==> flow/design.v <==
module gen_adder #(
    parameter NBITS = 32
) (
    input  wire clk,
    input  wire RSTN,
    input  wire [NBITS-1:0] dataa,
    input  wire [NBITS-1:0] datab,
    input  wire cin,
    output reg [NBITS-1:0] o,
    output reg carry
);
    wire [NBITS:0] val = dataa + datab + cin;
    always @(posedge clk or negedge RSTN) begin
        if (~RSTN) begin
            o <= 0;
            carry <= 1'b0;
        end else begin
            o <= val[NBITS-1:0];
            carry <= val[NBITS];
        end
    end
endmodule
## Reports on gen_adder

Tool output for the design above, in the order of the flow.
Lines are those of the file above, counted from 1.
Library cell names are shortened.
The mark n/a stands for no value.

- Design top: gen_adder
- Clock: clk
- Cell library: sky130hd
- Corner: tt_025C_1v80

## Word level

Source: Yosys, flattened and elaborated, memories not mapped. Widths are those after wreduce; folded enables and synchronous resets count as part of the registers. Registers that Yosys merges into a memory's read port (data or address) are not register bits. Print and check cells do not count. Equal cells are merged and count once.

- $add $sub $neg: 2

Operator list:

| operator | count |
|---|---|
| 32-bit by 32-bit adder with 33-bit output | 1 |
| 33-bit by 1-bit adder with 33-bit output | 1 |

- Bits in registers: 33
- Input bits: 67
- Output and inout port bits: 33
- Elaborated cells: 4

## Depth

Longest topological path by Yosys (ltp), each cell counted once; first at word level (registers and memories cut), then after technology mapping (sequential cells cut; the memories' decode and read muxes count).

- Depth after elaboration: 2
- ABC_AREA: 0
- Gate-level depth with buffers: 9
- Mapped depth without buffers: 9

## Netlist

Source: synth_stat.txt of the flow (Yosys; design flattened, memories mapped). It holds for the ABC_AREA given above (unset counts as 0); a run with the other value may have another netlist.
Totals and module areas in this step are rounded.

Cells by type:

| cell type | count | total area (um^2) |
|---|---|---|
| dfrtp_1 | 33 | 825.792 |
| ha_1 | 31 | 387.872 |
| a21o_1 | 23 | 172.666 |
| a21oi_1 | 29 | 145.139 |
| xnor2_1 | 14 | 122.618 |
| xor2_1 | 13 | 113.859 |
| o21ai_0 | 17 | 85.082 |
| nand2_1 | 21 | 78.826 |
| nor2_1 | 13 | 48.797 |
| a31oi_1 | 7 | 43.792 |
| clkbuf_1 | 11 | 41.29 |
| fa_1 | 2 | 40.038 |
| nand3_1 | 7 | 35.034 |
| o21bai_1 | 4 | 30.029 |
| nand4_1 | 4 | 25.024 |
| a211oi_1 | 3 | 22.522 |
| o31ai_1 | 3 | 22.522 |
| a221o_1 | 2 | 20.019 |

Other cell types: 26; their cells: 41.

- Cells in the netlist: 278
- Mapped area: 2560 um^2
- Area of sequential cells: 826 um^2
- Flip-flops: 33
- Buffer cells: 12

## Worst setup path after synthesis

Path of least setup slack by OpenSTA after synthesis, without wires, with an ideal clock, recovery checks aside; 20% of the period is set as input and as output delay. Where synthesis merged equal registers, the netlist keeps one of their names.

- Kind: input to register
- Start: input port dataa[0]
- End: register carry
- Period: 3810 ps
- Input delay: 762 ps
- Library setup time: 126 ps
- Launch time at the first pin: 762 ps
- Arrival time: 3072 ps
- Data required time: 3684 ps
- Setup slack: 612 ps
- Path delay: 2436 ps
- Driving pins on the path: 9
- Path buffers: 0
- Synthesis period reached: 3198 ps

"path delay" = arrival - input delay + setup time.
"driving pins on the path" counts driving pins, that of a launching flip-flop among them; a cell with two outputs on the path counts twice.
"synthesis period reached" = period - worst setup slack (recovery checks aside). The figure is calculated, with input and output delays left at 20% of the set period.
The rows between start and end are the longest chain of elaborated cells between them; the timing report does not say that the signal goes this way. Where chains are equally long, one stands for them.
Each line given opens the expression or statement behind the cell; cells for indexed reads and writes are added by Yosys, which also makes memories of some case tables.

- Path through: fa_1 > fa_1 > a21o_1 > a221oi_2 > o31ai_2 > a21o_1 > a21oi_2 > a21oi_1 > a221o_1
- Length of the longest elaborated chain: 2
- Elaborated cells between the ends (all ways): 2
- Source lines of those cells: 1
- Those cells by class: add/sub (2)

RTL lines, path post-synthesis:

| what | line | RTL |
|---|---|---|
| from (decl) | 6 | `input  wire [NBITS-1:0] dataa,` |
| 32-bit by 32-bit adder with 33-bit output | 12 | `wire [NBITS:0] val = dataa + datab + cin;` |
| 33-bit by 1-bit adder with 33-bit output | 12 |  |
| to (assign) | 16 | `carry <= 1'b0;` |
| to (assign) | 19 | `carry <= val[NBITS];` |
| to (decl) | 10 | `output reg carry` |

## Path in the finished layout

Path of least setup slack in the final report of stored run 2 (OpenROAD, finished layout, wires in). Where an end is a register, its clock arrival counts in the times.
The report prints the path's times to 10 ps; the period is as set.

- Kind: input to register
- Start: input port dataa[0]
- End: register carry
- Period: 3810 ps
- Input delay: 760 ps
- Library setup time: 110 ps
- Launch time at the first pin: 760 ps
- Arrival time: 3740 ps
- Data required time: 3980 ps
- Setup slack: 240 ps
- Driving pins on the path: 10
- Path buffers: 1

The rows between start and end are the longest chain of elaborated cells between them; the timing report does not say that the signal goes this way. Where chains are equally long, one stands for them.

- Path through: clkdlybuf4s50_1 > fa_1 > fa_1 > a21o_1 > a221oi_2 > o31ai_2 > a21o_1 > a21oi_2 > a21oi_1 > a221o_1
- Length of the longest elaborated chain: 2
- Elaborated cells between the ends (all ways): 2
- Source lines of those cells: 1
- Those cells by class: add/sub (2)

RTL lines, path post-layout:

| what | line | RTL |
|---|---|---|
| from (decl) | 6 | `input  wire [NBITS-1:0] dataa,` |
| 32-bit by 32-bit adder with 33-bit output | 12 | `wire [NBITS:0] val = dataa + datab + cin;` |
| 33-bit by 1-bit adder with 33-bit output | 12 |  |
| to (assign) | 16 | `carry <= 1'b0;` |
| to (assign) | 19 | `carry <= val[NBITS];` |
| to (decl) | 10 | `output reg carry` |

Data sheet: physical implementation of gen_adder

Settings and measured results of 3 stored flow runs for module gen_adder (sky130hd), not sorted in any way. The constraints put input and output delay at 20% of the set period each and load the outputs with 0.01 pF.
The measured numbers are rounded.

### Stored run 1

==> flow/run.sh <==
#!/bin/bash
# the make line also repeats the synthesis and layout settings of config.mk as NAME=value (left out here)
make -C /OpenROAD-flow-scripts/flow DESIGN_CONFIG=/design/flow/config.mk WORK_HOME=/design/flow/orfs CLKGATE_MAP_FILE= finish
==> flow/config.mk <==
export PLATFORM = sky130hd
export DESIGN_NAME = gen_adder
export DESIGN_NICKNAME = gen_adder
export VERILOG_FILES = /design/flow/design.v
export SDC_FILE = /design/flow/constraint.sdc
export NUM_CORES = 4
export LEC_CHECK = 0
export ABC_AREA = 0
export CAP_MARGIN = 35
export CELL_PAD_IN_SITES_DETAIL_PLACEMENT = 2
export CORE_MARGIN = 2
export CORE_UTILIZATION = 64
export HOLD_SLACK_MARGIN = 0.26
export PLACE_DENSITY = 0.49
export SETUP_SLACK_MARGIN = 1.19
export SLEW_MARGIN = 20
export TNS_END_PERCENT = 10
==> flow/constraint.sdc <==
create_clock -name core_clock -period 4.61 [get_ports {clk}]
set_input_delay 0.9220 -clock core_clock [delete_from_list [all_inputs] [get_ports {clk}]]
set_output_delay 0.9220 -clock core_clock [all_outputs]
set_load 0.01 [all_outputs]

Outcome of stored run 1: no results, placement failed with a tool error

### Stored run 2

==> flow/run.sh <==
#!/bin/bash
# the make line also repeats the synthesis and layout settings of config.mk as NAME=value (left out here)
make -C /OpenROAD-flow-scripts/flow DESIGN_CONFIG=/design/flow/config.mk WORK_HOME=/design/flow/orfs CLKGATE_MAP_FILE= finish
==> flow/config.mk <==
export PLATFORM = sky130hd
export DESIGN_NAME = gen_adder
export DESIGN_NICKNAME = gen_adder
export VERILOG_FILES = /design/flow/design.v
export SDC_FILE = /design/flow/constraint.sdc
export NUM_CORES = 4
export LEC_CHECK = 0
export CAP_MARGIN = 20
export CORE_MARGIN = 2
export CORE_UTILIZATION = 40
export SLEW_MARGIN = 20
==> flow/constraint.sdc <==
create_clock -name core_clock -period 3.81 [get_ports {clk}]
set_input_delay 0.7620 -clock core_clock [delete_from_list [all_inputs] [get_ports {clk}]]
set_output_delay 0.7620 -clock core_clock [all_outputs]
set_load 0.01 [all_outputs]

Results of stored run 2:
- Mapped cell area after synthesis: 2560 um^2
- Area of the die: 7070 um^2
- Standard-cell area after layout: 3700 um^2
- Utilization in the final report: 59.0%
- Worst setup slack after layout: 237 ps
- Total negative setup slack: 0 ps

### Stored run 3

==> flow/run.sh <==
#!/bin/bash
# the make line also repeats the synthesis and layout settings of config.mk as NAME=value (left out here)
make -C /OpenROAD-flow-scripts/flow DESIGN_CONFIG=/design/flow/config.mk WORK_HOME=/design/flow/orfs CLKGATE_MAP_FILE= finish
==> flow/config.mk <==
export PLATFORM = sky130hd
export DESIGN_NAME = gen_adder
export DESIGN_NICKNAME = gen_adder
export VERILOG_FILES = /design/flow/design.v
export SDC_FILE = /design/flow/constraint.sdc
export NUM_CORES = 4
export LEC_CHECK = 0
export CAP_MARGIN = 30
export CELL_PAD_IN_SITES_GLOBAL_PLACEMENT = 3
export CORE_MARGIN = 2
export CORE_UTILIZATION = 60
export CTS_CLUSTER_DIAMETER = 198
export CTS_CLUSTER_SIZE = 96
export GPL_ROUTABILITY_DRIVEN = 1
export GPL_TIMING_DRIVEN = 1
export MAX_ROUTING_LAYER = met4
export PLACE_DENSITY_LB_ADDON = 0.03
export SLEW_MARGIN = 20
==> flow/constraint.sdc <==
create_clock -name core_clock -period 2.93 [get_ports {clk}]
set_input_delay 0.5860 -clock core_clock [delete_from_list [all_inputs] [get_ports {clk}]]
set_output_delay 0.5860 -clock core_clock [all_outputs]
set_load 0.01 [all_outputs]

Outcome of stored run 3: no results, placement failed with FLW-0024
